==> flow/design.v <==
module rf_blk #(
   parameter NREGS = 32,
   parameter DW = 16,
   parameter ADDR_WIDTH = $clog2(NREGS),
   parameter GROUPS = DW / 8
) (
   input  wire core_clk,
   input  wire clr,
   input  wire [GROUPS-1:0] wstrb_in,
   input  wire [ADDR_WIDTH-1:0] wr_addr_in,
   input  wire [DW-1:0] din_in,
   input  wire [ADDR_WIDTH-1:0] rd_idx_in,
   output wire [DW-1:0] q_out
);
   reg [GROUPS-1:0] wstrb_s;
   reg [ADDR_WIDTH-1:0] wr_addr_s;
   reg [DW-1:0] din_s;
   always @(posedge core_clk or posedge clr) begin
      if (clr) begin
         wstrb_s <= 0;
         wr_addr_s <= 0;
         din_s <= 0;
      end else begin
         wstrb_s <= wstrb_in;
         wr_addr_s <= wr_addr_in;
         din_s <= din_in;
      end
   end
   reg [DW-1:0] ram [NREGS-1:0];
   integer idx;
   always @(posedge core_clk) begin
      for (idx = 0; idx < GROUPS; idx = idx + 1)
         if (wstrb_s[idx]) ram[wr_addr_s][8*idx +: 8] <= din_s[8*idx +: 8];
   end
   reg [ADDR_WIDTH-1:0] rd_idx_s;
   always @(posedge core_clk or posedge clr) begin
      if (clr) begin
         rd_idx_s <= 0;
      end else begin
         rd_idx_s <= rd_idx_in;
      end
   end
   assign q_out = ram[rd_idx_s];
endmodule
=== From RTL to reports: rf_blk ===
The steps from the RTL of rf_blk to its reports follow in flow order.
Lines are those of the file above, counted from 1.
Operators: Yosys type, input widths -> output width; for muxes data width and select width s.
Cell names lack the library's common part.
Not given: --

* Design top: rf_blk
* Clock: core_clk
* Library: sky130hd
* Library corner: tt_025C_1v80

=== After elaboration ===
Source: Yosys, flattened and elaborated, memories not mapped. Widths are those after wreduce; folded enables and synchronous resets count as part of the registers. Registers that Yosys merges into a memory's read port (data or address) are not register bits. Print and check cells do not count. Equal cells are merged and count once.
Yosys's memory passes give these memory sizes; they may raise the number of words (mostly to a power of two), join words into wider ones and drop unused or constant bits.

* Mux-type cells: 4

{| class="wikitable"
|+ Operator list
! kind !! count
|-
| $mux 16 || 2
|-
| $mux 1 || 2
|}

* Register bits after elaboration: 28
* Bits in writable memories: 512
* Memory cells: 1
* Input port bits: 30
* Output and inout bits: 16
* Cells after elaboration: 9

{| class="wikitable"
|+ Memories
! name !! depth !! width !! rd ports !! write ports !! RTL line !! text
|-
| ram || 32 || 16 || 1 || 1 || 29 || <nowiki>reg [DW-1:0] ram [NREGS-1:0];</nowiki>
|}

=== Longest topological paths ===
Yosys ltp: most cells in a row. Word level: on the elaborated netlist, between registers, memories and ports. Mapped: between sequential cells and ports; inverters and the memories' decode and read muxes count.

* Word-level depth: 1
* ABC_AREA: 0
* Gate-level depth with buffers: 8
* Mapped depth without buffers: 5

=== Synthesis result ===
The flow's flattened synthesis, as Yosys stat reports it; memories are mapped. The netlist is that of the ABC_AREA named above (0 if unset); the other value can give another one.
Totals and module areas in this step are rounded.

{| class="wikitable"
|+ Cells by type
! type !! count !! area in all (um2)
|-
| edfxtp_1 || 512 || 1.54E+04
|-
| mux2i_1 || 256 || 2.56E+03
|-
| dfrtp_1 || 28 || 700.672
|-
| a22oi_1 || 64 || 480.461
|-
| a22o_1 || 32 || 280.269
|-
| nor2_1 || 65 || 243.984
|-
| nand3_1 || 35 || 175.168
|-
| a21oi_1 || 32 || 160.154
|-
| buf_4 || 19 || 142.637
|-
| nand2_1 || 33 || 123.869
|-
| a31oi_1 || 16 || 100.096
|-
| buf_12 || 5 || 100.096
|-
| nand4_1 || 16 || 100.096
|-
| buf_2 || 19 || 95.091
|-
| buf_8 || 6 || 90.086
|-
| nor3_1 || 16 || 80.077
|-
| clkbuf_1 || 21 || 78.826
|-
| buf_6 || 6 || 67.565
|}

Other cell types: 9; their cells: 20.

* Cells in the netlist: 1201
* Synthesis area: 21100 um2
* Sequential part of the area: 16080 um2
* Flip-flops: 540
* Buffer cells: 76

=== Worst setup path after synthesis ===
Source: OpenSTA report_checks on the synthesized netlist (no wires, ideal clock, input and output delay 20% of the period each), path of least setup slack; recovery checks are left aside. Register names are those of the netlist, which keeps one name where synthesis merged equal registers.

* Kind: register to register
* From: register wr_addr_s[1]
* To: memory ram[28][0]
* Clock period: 2350 ps
* Library setup time: 370 ps
* Launch time at the first pin: 0 ps
* Arrival: 1514 ps
* Path slack: 466 ps
* Delay of the path: 1884 ps
* Stages: 5
* Synthesis period reached: 1884 ps

"delay of the path" = arrival - input delay + setup time.
"stages" counts driving pins, that of a launching flip-flop among them; a cell with two outputs on the path counts twice.
"synthesis period reached" is the clock period less the worst setup slack; recovery checks do not enter. This is arithmetic on one report: input and output delays are still those of the set period (20% each).

* Cells stage by stage: dfrtp_1 > clkbuf_1 > or3b_2 > clkbuf_1 > nor2_1

{| class="wikitable"
|+ Ends and longest elaborated chain, after synthesis
! what !! RTL line !! text
|-
| start, declared || 16 || <nowiki>reg [ADDR_WIDTH-1:0] wr_addr_s;</nowiki>
|-
| start, assigned || 21 || <nowiki>wr_addr_s <= 0;</nowiki>
|-
| start, assigned || 25 || <nowiki>wr_addr_s <= wr_addr_in;</nowiki>
|-
| end, declared || 29 || <nowiki>reg [DW-1:0] ram [NREGS-1:0];</nowiki>
|}

No chain of elaborated cells between the ends is given.

=== Worst path after layout ===
Path of least setup slack in the final report of run 1 (OpenROAD, finished layout, wires in). Where an end is a register, its clock arrival counts in the times.
The path's times are printed in steps of 10 ps; the period is the one set.

* Kind: register to output
* From: register rd_idx_s[0]
* To: output q_out[5]
* Clock period: 2350 ps
* Launch time at the first pin: 600 ps
* Arrival: 2550 ps
* Path slack: -670 ps
* Stages: 11

Between the ends stands the longest chain of elaborated cells between them, by number of cells; it is not shown to be the way that was timed. Of several equally long chains one is given.
Each line given opens the expression or statement behind the cell; cells for indexed reads and writes are added by Yosys, which also makes memories of some case tables.
A memory read counts as a cell of the chain, while the word-level depth stops at memories.

* Cells stage by stage: dfrtp_4 > buf_12 > buf_16 > buf_12 > buf_8 > buf_6 > mux2i_1 > nand2_1 > a31oi_4 > nand3_2 > buf_6
* Cells in the longest elaborated chain: 1
* Elaborated cells on any way between the ends: 1
* Source lines of those cells: 1

{| class="wikitable"
|+ Ends and longest elaborated chain, after layout
! what !! RTL line !! text
|-
| start, declared || 35 || <nowiki>reg [ADDR_WIDTH-1:0] rd_idx_s;</nowiki>
|-
| start, assigned || 38 || <nowiki>rd_idx_s <= 0;</nowiki>
|-
| start, assigned || 40 || <nowiki>rd_idx_s <= rd_idx_in;</nowiki>
|-
| $mem_v2 32x16 || 29 || <nowiki>reg [DW-1:0] ram [NREGS-1:0];</nowiki>
|-
| end, declared || 13 || <nowiki>output wire [DW-1:0] q_out</nowiki>
|}

Subject: flow runs of rf_blk

Hi,

Module rf_blk, platform sky130hd: 2 stored runs of the flow (Yosys, OpenROAD) with differing settings, in no particular order. Input and output delays are each 20% of the period that was set; the output load is 0.01 pF.
"clock period reached" is the run's clock period less its worst setup slack. It is reckoned from that one timing run; input and output delays stay at 20% of the period that was set.
"worst setup path time" is the time allowed to the run's worst setup path (the clock period less input and output delay, where it has them) less its slack. Clock arrival times count: a late capture clock shortens it, a late launch clock lengthens it.
"total power of the final layout" is the tool's figure for a default switching activity; nothing was simulated.
"worst setup path time" is known to 10 ps.
The results are shown rounded.

=== Run 1 ===
{| class="wikitable"
! Setting !! Value
|-
| period_ns || 2.35
|-
| CAP_MARGIN || 20
|-
| CORE_MARGIN || 2
|-
| CORE_UTILIZATION || 40
|-
| SLEW_MARGIN || 20
|-
! Result !! Value
|-
| Utilization || 49.6 %
|-
| Area of the synthesized netlist || 21100 um2
|-
| Total power of the final layout || 0.02083 W
|-
| Area inside the die boundary || 54610 um2
|-
| Setup TNS || -9347 ps
|-
| Clock period reached || 3024 ps
|-
| Setup slack of the worst path || -674 ps
|-
| Standard-cell area of the final layout || 25950 um2
|-
| Worst setup path time || 2550 ps
|-
| Critical path kind || register to output
|}

=== Run 2 ===
{| class="wikitable"
! Setting !! Value
|-
| period_ns || 3.72
|-
| CORE_UTILIZATION || 24
|-
| SETUP_SLACK_MARGIN || -0.36
|-
| PLACE_DENSITY || 0.61
|-
| CELL_PAD_IN_SITES_DETAIL_PLACEMENT || 0
|-
| ABC_AREA || 0
|-
| GPL_ROUTABILITY_DRIVEN || 1
|-
| CTS_CLUSTER_SIZE || 38
|-
| CAP_MARGIN || 35
|-
| SLEW_MARGIN || 10
|-
| MIN_ROUTING_LAYER || met1
|-
| MAX_ROUTING_LAYER || met5
|-
| CORE_MARGIN || 2
|-
! Result !! Value
|-
| Total power of the final layout || 0.01295 W
|-
| Worst setup path time || 3210 ps
|-
| Critical path kind || register to output
|-
| Setup slack of the worst path || -237 ps
|-
| Clock period reached || 3957 ps
|-
| Area inside the die boundary || 90320 um2
|-
| Setup TNS || -2588 ps
|-
| Standard-cell area of the final layout || 24890 um2
|-
| Utilization || 28.6 %
|-
| Area of the synthesized netlist || 21100 um2
|}

Regards
